==> flow/design.v <==
module my_mul_unit_mod (sys_clk, nrst, a_in, b_in, clear_in, m_out);
    parameter DWIDTH = 3;
    parameter G = 2;
    input sys_clk;
    input nrst;
    input [DWIDTH-1:0] a_in;
    input [DWIDTH-1:0] b_in;
    input clear_in;
    output [2*DWIDTH+G-1:0] m_out;
    reg [DWIDTH-1:0] a_r;
    reg [DWIDTH-1:0] b_r;
    reg clear_r;
    always @(posedge sys_clk or negedge nrst) begin
        if (~nrst) begin
            a_r <= 0;
            b_r <= 0;
            clear_r <= 1'b0;
        end else begin
            a_r <= a_in;
            b_r <= b_in;
            clear_r <= clear_in;
        end
    end
    wire [2*DWIDTH-1:0] work;
    assign work = a_r * b_r;
    reg [2*DWIDTH+G-1:0] accum;
    always @(posedge sys_clk or negedge nrst) begin
        if (~nrst) begin
            accum <= 0;
        end else begin
            accum <= clear_r ? work : accum + work;
        end
    end
    assign m_out = accum;
endmodule
# Step by step through the tools: my_mul_unit_mod
# Tool output for the design above, in the order of the flow.
# Line numbers count from 1 in the design file above.
# Operators: Yosys type, input widths -> output width; for muxes data width and select width s.
# Not given: -
[inputs]
top = "my_mul_unit_mod"
clock = "sys_clk"
library = "sky130hd"
corner = "tt_025C_1v80"

# Word level
# Source: Yosys, flattened and elaborated, memories not mapped. Widths are those after wreduce; folded enables and synchronous resets count as part of the registers. Registers that Yosys merges into a memory's read port (data or address) are not register bits. Print and check cells do not count. Equal cells are merged and count once.
[bits]
register_bits = 15
inputBits = 9
out_inout_bits = 8
word_cells = 7
[op_classes]
add_sub_neg = 1
multipliers = 1
mux = 1
[op_table]
columns = ["operator", "count"]
rows = [
  ["$mul 3x3->6", 1],
  ["$add 8x6->8", 1],
  ["$mux 8", 1],
]

# Longest topological paths
# Yosys ltp: most cells in a row. Word level: on the elaborated netlist, between registers, memories and ports. Mapped: between sequential cells and ports; inverters and the memories' decode and read muxes count.
[depth]
depth_word = 3
abc_area = 0
depth_mapped = 12
mapped_depth_nobuf = 12

# Netlist
# The flow's flattened synthesis, as Yosys stat reports it; memories are mapped. The netlist is that of the ABC_AREA named above (0 if unset); the other value can give another one.
[synth_totals]
cell_count = 88
synth_area_um2 = 960.9
sequential_area_um2 = 375.4
ff_cells = 15
buffers = 2
[types]
columns = ["cell_type", "count", "area_total_um2"]
rows = [
  ["sky130_fd_sc_hd__dfrtp_1", 15, 375.36],
  ["sky130_fd_sc_hd__ha_1", 12, 150.144],
  ["sky130_fd_sc_hd__fa_1", 3, 60.058],
  ["sky130_fd_sc_hd__and2_1", 6, 37.536],
  ["sky130_fd_sc_hd__nand2_1", 8, 30.029],
  ["sky130_fd_sc_hd__inv_1", 7, 26.275],
  ["sky130_fd_sc_hd__xnor2_1", 3, 26.275],
  ["sky130_fd_sc_hd__a211oi_1", 3, 22.522],
  ["sky130_fd_sc_hd__a21o_1", 3, 22.522],
  ["sky130_fd_sc_hd__mux2_2", 2, 22.522],
  ["sky130_fd_sc_hd__o21ai_0", 4, 20.019],
  ["sky130_fd_sc_hd__nor4b_1", 2, 17.517],
  ["sky130_fd_sc_hd__o31a_1", 2, 17.517],
  ["sky130_fd_sc_hd__mux2_4", 1, 15.014],
  ["sky130_fd_sc_hd__o21a_1", 2, 15.014],
  ["sky130_fd_sc_hd__o31ai_1", 2, 15.014],
  ["sky130_fd_sc_hd__a211oi_2", 1, 12.512],
  ["sky130_fd_sc_hd__buf_6", 1, 11.261],
]
# Other cell types: 9; their cells: 11.

# Path before layout
# OpenSTA on the mapped netlist: ideal clock, no wires. The path of least setup slack (recovery checks aside). Input and output delay are each 20% of the period. Register names are those of the netlist, which keeps one name where synthesis merged equal registers.
[synth_path]
kind = "reg-to-reg"
from = "register a_r[0]"
to = "register accum[7]"
tclk_ns = 3.48
setup_ns = 0.125
t_first_pin_ns = 0.000
arrival_ns = 2.658
required_ns = 3.355
path_slack_ns = 0.697
path_delay_ns = 2.783
driving_pins = 13
path_buffers = 0
synth_period_reached_ns = 2.783
# "path_delay_ns" is the arrival time less input delay plus setup time.
# "driving_pins": output pins that drive a net of the path, with the launching flip-flop's if there is one; two outputs of one cell count as two.
# "synth_period_reached_ns" is the clock period less the worst setup slack; recovery checks do not enter. This is arithmetic on one report: input and output delays are still those of the set period (20% each).
# The rows between start and end are the longest chain of elaborated cells between them; the timing report does not say that the signal goes this way. Where chains are equally long, one stands for them.
# A line is the first line of the expression or statement that the cell stems from. Yosys adds cells for indexed reads and writes and turns some case tables into memories.
[synth_via]
cell_sequence = "sky130_fd_sc_hd__dfrtp_1 > sky130_fd_sc_hd__nand2_1 > sky130_fd_sc_hd__fa_1 > sky130_fd_sc_hd__inv_1 > sky130_fd_sc_hd__ha_1 > sky130_fd_sc_hd__inv_1 > sky130_fd_sc_hd__fa_1 > sky130_fd_sc_hd__xnor2_1 > sky130_fd_sc_hd__ha_1 > sky130_fd_sc_hd__o21a_1 > sky130_fd_sc_hd__o21a_1 > sky130_fd_sc_hd__o31a_1 > sky130_fd_sc_hd__mux2_4"
elab_chain_cells = 3
cone_cells = 3
lines_between = 2
cone_classes = "add/sub: 1; mul: 1; mux: 1"
[synth_rtl]
columns = ["item", "line", "rtl"]
rows = [
  ["start, declared", 10, "reg [DWIDTH-1:0] a_r;"],
  ["start, assigned", 15, "a_r <= 0;"],
  ["start, assigned", 19, "a_r <= a_in;"],
  ["$mul 3x3->6", 25, "assign work = a_r * b_r;"],
  ["$add 8x6->8", 31, "accum <= clear_r ? work : accum + work;"],
  ["$mux 8", 31, ""],
  ["end, assigned", 29, "accum <= 0;"],
  ["end, assigned", 31, ""],
  ["end, declared", 26, "reg [2*DWIDTH+G-1:0] accum;"],
]

# Worst path after layout
# Path of least setup slack in the final report of run 2 (OpenROAD, finished layout, wires in). Where an end is a register, its clock arrival counts in the times.
[layout_path]
kind = "reg-to-reg"
from = "register a_r[0]"
to = "register accum[7]"
tclk_ns = 3.48
setup_ns = 0.11
t_first_pin_ns = 0.27
arrival_ns = 3.17
required_ns = 3.65
path_slack_ns = 0.48
driving_pins = 13
path_buffers = 0
# The rows between start and end are the longest chain of elaborated cells between them; the timing report does not say that the signal goes this way. Where chains are equally long, one stands for them.
[layout_via]
cell_sequence = "sky130_fd_sc_hd__dfrtp_1 > sky130_fd_sc_hd__nand2_1 > sky130_fd_sc_hd__fa_1 > sky130_fd_sc_hd__inv_1 > sky130_fd_sc_hd__ha_1 > sky130_fd_sc_hd__inv_1 > sky130_fd_sc_hd__fa_1 > sky130_fd_sc_hd__xnor2_1 > sky130_fd_sc_hd__ha_1 > sky130_fd_sc_hd__o21a_1 > sky130_fd_sc_hd__o21a_1 > sky130_fd_sc_hd__o31a_1 > sky130_fd_sc_hd__mux2_4"
elab_chain_cells = 3
cone_cells = 3
lines_between = 2
cone_classes = "add/sub: 1; mul: 1; mux: 1"
[layout_rtl]
columns = ["item", "line", "rtl"]
rows = [
  ["start, declared", 10, "reg [DWIDTH-1:0] a_r;"],
  ["start, assigned", 15, "a_r <= 0;"],
  ["start, assigned", 19, "a_r <= a_in;"],
  ["$mul 3x3->6", 25, "assign work = a_r * b_r;"],
  ["$add 8x6->8", 31, "accum <= clear_r ? work : accum + work;"],
  ["$mux 8", 31, ""],
  ["end, assigned", 29, "accum <= 0;"],
  ["end, assigned", 31, ""],
  ["end, declared", 26, "reg [2*DWIDTH+G-1:0] accum;"],
]

Data sheet: physical implementation of my_mul_unit_mod

Stored flow runs of my_mul_unit_mod (3 of them; Yosys, OpenROAD, sky130hd). They differ in their settings and are not a sequence. Constraints: input delay and output delay 20% of the set period each, output load 0.01 pF.
By "period_reached_ns" is meant the clock period of the run minus its worst setup slack. This is arithmetic on one report: input and output delays are still those of the set period (20% each).
"worst_path_allowed_less_slack_ns" is the time allowed to the run's worst setup path (the clock period less input and output delay, where it has them) less its slack. Clock arrival times count: a late capture clock shortens it, a late launch clock lengthens it.
"final_power_w": no workload was simulated; the value follows from the tool's default switching activity.

# run 1
==> flow/run.sh <==
#!/bin/bash
# the make line also repeats the synthesis and layout settings of config.mk as NAME=value (left out here)
make -C /OpenROAD-flow-scripts/flow DESIGN_CONFIG=/design/flow/config.mk WORK_HOME=/design/flow/orfs CLKGATE_MAP_FILE= finish
==> flow/config.mk <==
export PLATFORM = sky130hd
export DESIGN_NAME = my_mul_unit_mod
export DESIGN_NICKNAME = my_mul_unit_mod
export VERILOG_FILES = /design/flow/design.v
export SDC_FILE = /design/flow/constraint.sdc
export NUM_CORES = 4
export LEC_CHECK = 0
export ABC_AREA = 0
export CAP_MARGIN = 35
export CELL_PAD_IN_SITES_DETAIL_PLACEMENT = 2
export CELL_PAD_IN_SITES_GLOBAL_PLACEMENT = 1
export CORE_MARGIN = 2
export CORE_UTILIZATION = 44
export CTS_CLUSTER_DIAMETER = 118
export MAX_ROUTING_LAYER = met4
export MIN_ROUTING_LAYER = met1
export PLACE_DENSITY_LB_ADDON = 0.24
export SETUP_SLACK_MARGIN = 0.27
export SLEW_MARGIN = 20
==> flow/constraint.sdc <==
create_clock -name core_clock -period 2.71 [get_ports {sys_clk}]
set_input_delay 0.5420 -clock core_clock [delete_from_list [all_inputs] [get_ports {sys_clk}]]
set_output_delay 0.5420 -clock core_clock [all_outputs]
set_load 0.01 [all_outputs]

==> run 1: results <==
outcome="no final report: clock tree synthesis broke off with DPL-0033"

# run 2
==> flow/run.sh <==
#!/bin/bash
# the make line also repeats the synthesis and layout settings of config.mk as NAME=value (left out here)
make -C /OpenROAD-flow-scripts/flow DESIGN_CONFIG=/design/flow/config.mk WORK_HOME=/design/flow/orfs CLKGATE_MAP_FILE= finish
==> flow/config.mk <==
export PLATFORM = sky130hd
export DESIGN_NAME = my_mul_unit_mod
export DESIGN_NICKNAME = my_mul_unit_mod
export VERILOG_FILES = /design/flow/design.v
export SDC_FILE = /design/flow/constraint.sdc
export NUM_CORES = 4
export LEC_CHECK = 0
export CAP_MARGIN = 20
export CORE_MARGIN = 2
export CORE_UTILIZATION = 40
export SLEW_MARGIN = 20
==> flow/constraint.sdc <==
create_clock -name core_clock -period 3.48 [get_ports {sys_clk}]
set_input_delay 0.6960 -clock core_clock [delete_from_list [all_inputs] [get_ports {sys_clk}]]
set_output_delay 0.6960 -clock core_clock [all_outputs]
set_load 0.01 [all_outputs]

==> run 2: results <==
worstSetupSlack_ns=0.481
util_pct=52.2
final_power_w=0.0006332
dieArea_um2=2810.6
worst_path_allowed_less_slack_ns=3.00
critical_path_kind="reg-to-reg"
ys_area_um2=960.9
timing.setup.tns_ns=0.000
stdcell_area_um2=1166.1
period_reached_ns=2.999
hold_ws_ns=0.635

# run 3
==> flow/run.sh <==
#!/bin/bash
# the make line also repeats the synthesis and layout settings of config.mk as NAME=value (left out here)
make -C /OpenROAD-flow-scripts/flow DESIGN_CONFIG=/design/flow/config.mk WORK_HOME=/design/flow/orfs CLKGATE_MAP_FILE= finish
==> flow/config.mk <==
export PLATFORM = sky130hd
export DESIGN_NAME = my_mul_unit_mod
export DESIGN_NICKNAME = my_mul_unit_mod
export VERILOG_FILES = /design/flow/design.v
export SDC_FILE = /design/flow/constraint.sdc
export NUM_CORES = 4
export LEC_CHECK = 0
export CAP_MARGIN = 20
export CELL_PAD_IN_SITES_DETAIL_PLACEMENT = 1
export CORE_MARGIN = 2
export CORE_UTILIZATION = 47
export CTS_CLUSTER_SIZE = 55
export GPL_TIMING_DRIVEN = 1
export MAX_ROUTING_LAYER = met5
export SETUP_SLACK_MARGIN = -0.21
export SLEW_MARGIN = 30
export TNS_END_PERCENT = 75
==> flow/constraint.sdc <==
create_clock -name core_clock -period 2.28 [get_ports {sys_clk}]
set_input_delay 0.4560 -clock core_clock [delete_from_list [all_inputs] [get_ports {sys_clk}]]
set_output_delay 0.4560 -clock core_clock [all_outputs]
set_load 0.01 [all_outputs]

==> run 3: results <==
outcome="no final report: routing broke off with DPL-0033"
